==> flow/design.v <==
module core_comparator_blk #(
  parameter NBITS = 18
) (
  input  logic clk,
  input  logic [NBITS-1:0] in_op_a,
  input  logic [NBITS-1:0] in_op_b,
  output logic out_a_eq_b
);
  logic [NBITS-1:0] op_a_ff;
  logic [NBITS-1:0] op_b_ff;
  always_ff @(posedge clk) begin
    op_a_ff <= in_op_a;
    op_b_ff <= in_op_b;
  end
  logic [NBITS-1:0] val;
  assign val = op_a_ff ^ op_b_ff;
  assign out_a_eq_b = ~|val;
endmodule
# Tool chain data of core_comparator_blk
# A sweep over "NBITS": the same steps for each member of the family.
# The file above is the member NBITS = 18. Line numbers count from 1 in each member's own file.
# Library cell names are shortened.
# A cell with n/a has no value.
# design
design	core_comparator_blk
clock_port	clk
cell_library	sky130hd
pvt_corner	tt_025C_1v80

# Members of the sweep
# New or changed lines of each further member against the RTL above, in its own file; lines it lacks are not shown.
# changed_lines
NBITS	line_no	text
28	2	parameter NBITS = 28
64	2	parameter NBITS = 64
112	2	parameter NBITS = 112

# Word level
# Yosys after proc, flatten, opt, wreduce and memory -nomap, before mapping. Enables and synchronous resets that opt folds into registers are not counted as muxes. Memory bits, and registers merged into a memory's read port (data or address), are not among the register bits. Print and check cells are not counted. Equal cells are merged and count once.
# bits
NBITS	register_bits	in_bits	output_inout_bits	elab_cells
18	36	37	1	5
28	56	57	1	5
64	128	129	1	5
112	224	225	1	5
# op_classes
NBITS	n_logic	reduce_and_logical
18	1	2
28	1	2
64	1	2
112	1	2
# op_table
NBITS	op_list
18	XOR 18 bit (1); OR reduction 18 bit (1); zero test 1 bit (1)
28	XOR 28 bit (1); OR reduction 28 bit (1); zero test 1 bit (1)
64	XOR 64 bit (1); OR reduction 64 bit (1); zero test 1 bit (1)
112	XOR 112 bit (1); OR reduction 112 bit (1); zero test 1 bit (1)

# Depth
# Depth = most cells in a row (Yosys ltp): at word level without a register or memory, in the mapped netlist without a sequential cell, where the memories' decode and read muxes count.
# logic_depth
NBITS	ltp_word	abc_area	depth_mapped	mapped_depth_nobuf
18	3	0	4	4
28	3	0	4	4
64	3	0	4	4
112	3	0	5	5

# After synthesis
# Yosys stat after the flow's synthesis: flattened, memories mapped to cells. It holds for the ABC_AREA given above (unset counts as 0); a run with the other value may have another netlist.
# types
NBITS	cell_types
18	dfxtp_1 (36); xor2_1 (14); xnor2_1 (4); nor4_1 (3); nor4_2 (1); nand4_1 (1); nand3_1 (1)
28	dfxtp_1 (56); xor2_1 (16); xnor2_1 (12); nand4_1 (4); nor4_1 (4); nor4_2 (1)
64	dfxtp_1 (128); xor2_1 (64); nor4_1 (16); nand4_1 (4); nor4_2 (1)
112	dfxtp_1 (224); xnor2_1 (64); xor2_1 (48); nand4_1 (20); nor4_1 (12); nor4_2 (5)
# synth_totals
NBITS	cells	area_um2	sequential_area_um2	flip_flops
18	60	920.9	720.7	36
28	93	1428.9	1121.1	56
64	213	3260.6	2562.5	128
112	373	5728.0	4484.3	224

# Path before layout
# OpenSTA on the mapped netlist: ideal clock, no wires. The path of least setup slack (recovery checks aside). Input and output delay are each 20% of the period. Register names are those of the netlist, which keeps one name where synthesis merged equal registers.
# synth_timing
NBITS	kind	start	end	tclk_ns	path_slack_ns	path_stages	path_delay_ns	period_less_setup_slack_ns
18	flip-flop to output port	reg op_b_ff[11]	out out_a_eq_b	1.83	0.292	5	1.172	1.538
28	flip-flop to output port	reg op_b_ff[19]	out out_a_eq_b	1.65	0.261	5	1.059	1.389
64	flip-flop to output port	reg op_b_ff[10]	out out_a_eq_b	1.86	0.297	5	1.191	1.563
112	flip-flop to output port	reg op_b_ff[70]	out out_a_eq_b	1.86	0.296	5	1.192	1.564
# "path_delay_ns" is the arrival time less input delay plus setup time.
# A path that ends at an output port has no setup time.
# "path_stages" counts driving pins, that of a launching flip-flop among them; a cell with two outputs on the path counts twice.
# "period_less_setup_slack_ns" is the clock period less the worst setup slack; recovery checks do not enter. This is arithmetic on one report: input and output delays are still those of the set period (20% each).
# The rows between start and end are the longest chain of elaborated cells between them; the timing report does not say that the signal goes this way. Where chains are equally long, one stands for them.
# Each line given opens the expression or statement behind the cell; cells for indexed reads and writes are added by Yosys, which also makes memories of some case tables.
# synth_via_NBITS_18
elab_chain_len	3
# synth_rtl_NBITS_18
item	line_no	text
start: declaration	10	logic [NBITS-1:0] op_b_ff;
start: assignment	13	op_b_ff <= in_op_b;
XOR 18 bit	16	assign val = op_a_ff ^ op_b_ff;
OR reduction 18 bit	17	assign out_a_eq_b = ~|val;
zero test 1 bit	17
end: declaration	7	output logic out_a_eq_b
# synth_via_NBITS_112
elab_chain_len	3
# synth_rtl_NBITS_112
item	line_no	text
start: declaration	10	logic [NBITS-1:0] op_b_ff;
start: assignment	13	op_b_ff <= in_op_b;
XOR 112 bit	16	assign val = op_a_ff ^ op_b_ff;
OR reduction 112 bit	17	assign out_a_eq_b = ~|val;
zero test 1 bit	17
end: declaration	7	output logic out_a_eq_b

# Timing after layout
# From the final timing report of each member's run: the path of least setup slack in the routed layout; clock arrival at registers is part of the times.
# layout_timing
NBITS	kind	start	end	tclk_ns	path_slack_ns	path_stages	t_arrival_ns	n_path_buf
18	flip-flop to output port	reg op_b_ff[2]	out out_a_eq_b	1.83	-0.03	6	1.49	1
28	flip-flop to output port	reg op_b_ff[4]	out out_a_eq_b	1.65	-0.33	6	1.65	1
64	flip-flop to output port	reg op_b_ff[54]	out out_a_eq_b	1.86	-0.51	6	1.99	1
112	flip-flop to output port	reg op_b_ff[2]	out out_a_eq_b	1.86	-0.60	8	2.08	2

# Flow runs
# Settings and results of one run of the flow (Yosys, OpenROAD) for each member follow. The constraints put input and output delay at 20% of the set period each and load the outputs with 0.01 pF.
# settings
CAP_MARGIN	20
CORE_MARGIN	2
CORE_UTILIZATION	40
SLEW_MARGIN	20
# settings_diff
NBITS	period_ns
18	1.83
28	1.65
64	1.86
112	1.86
# measured
NBITS	synth_chip_area_um2	design_die_area_um2	post_route_stdcell_area_um2	setup_worst_slack_ns	fin_tns_ns	ws_hold_ns	design_power_w
18	920.9	2701.9	1395.1	-0.028	-0.028	0.475	0.001372
28	1428.9	4066.0	2153.3	-0.332	-0.332	0.383	0.002351
64	3260.6	8889.7	5340.1	-0.507	-0.507	0.303	0.006753
112	5728.0	15293.0	8967.4	-0.597	-0.597	0.327	0.010115
# "design_power_w" is the tool's figure for a default switching activity; nothing was simulated.
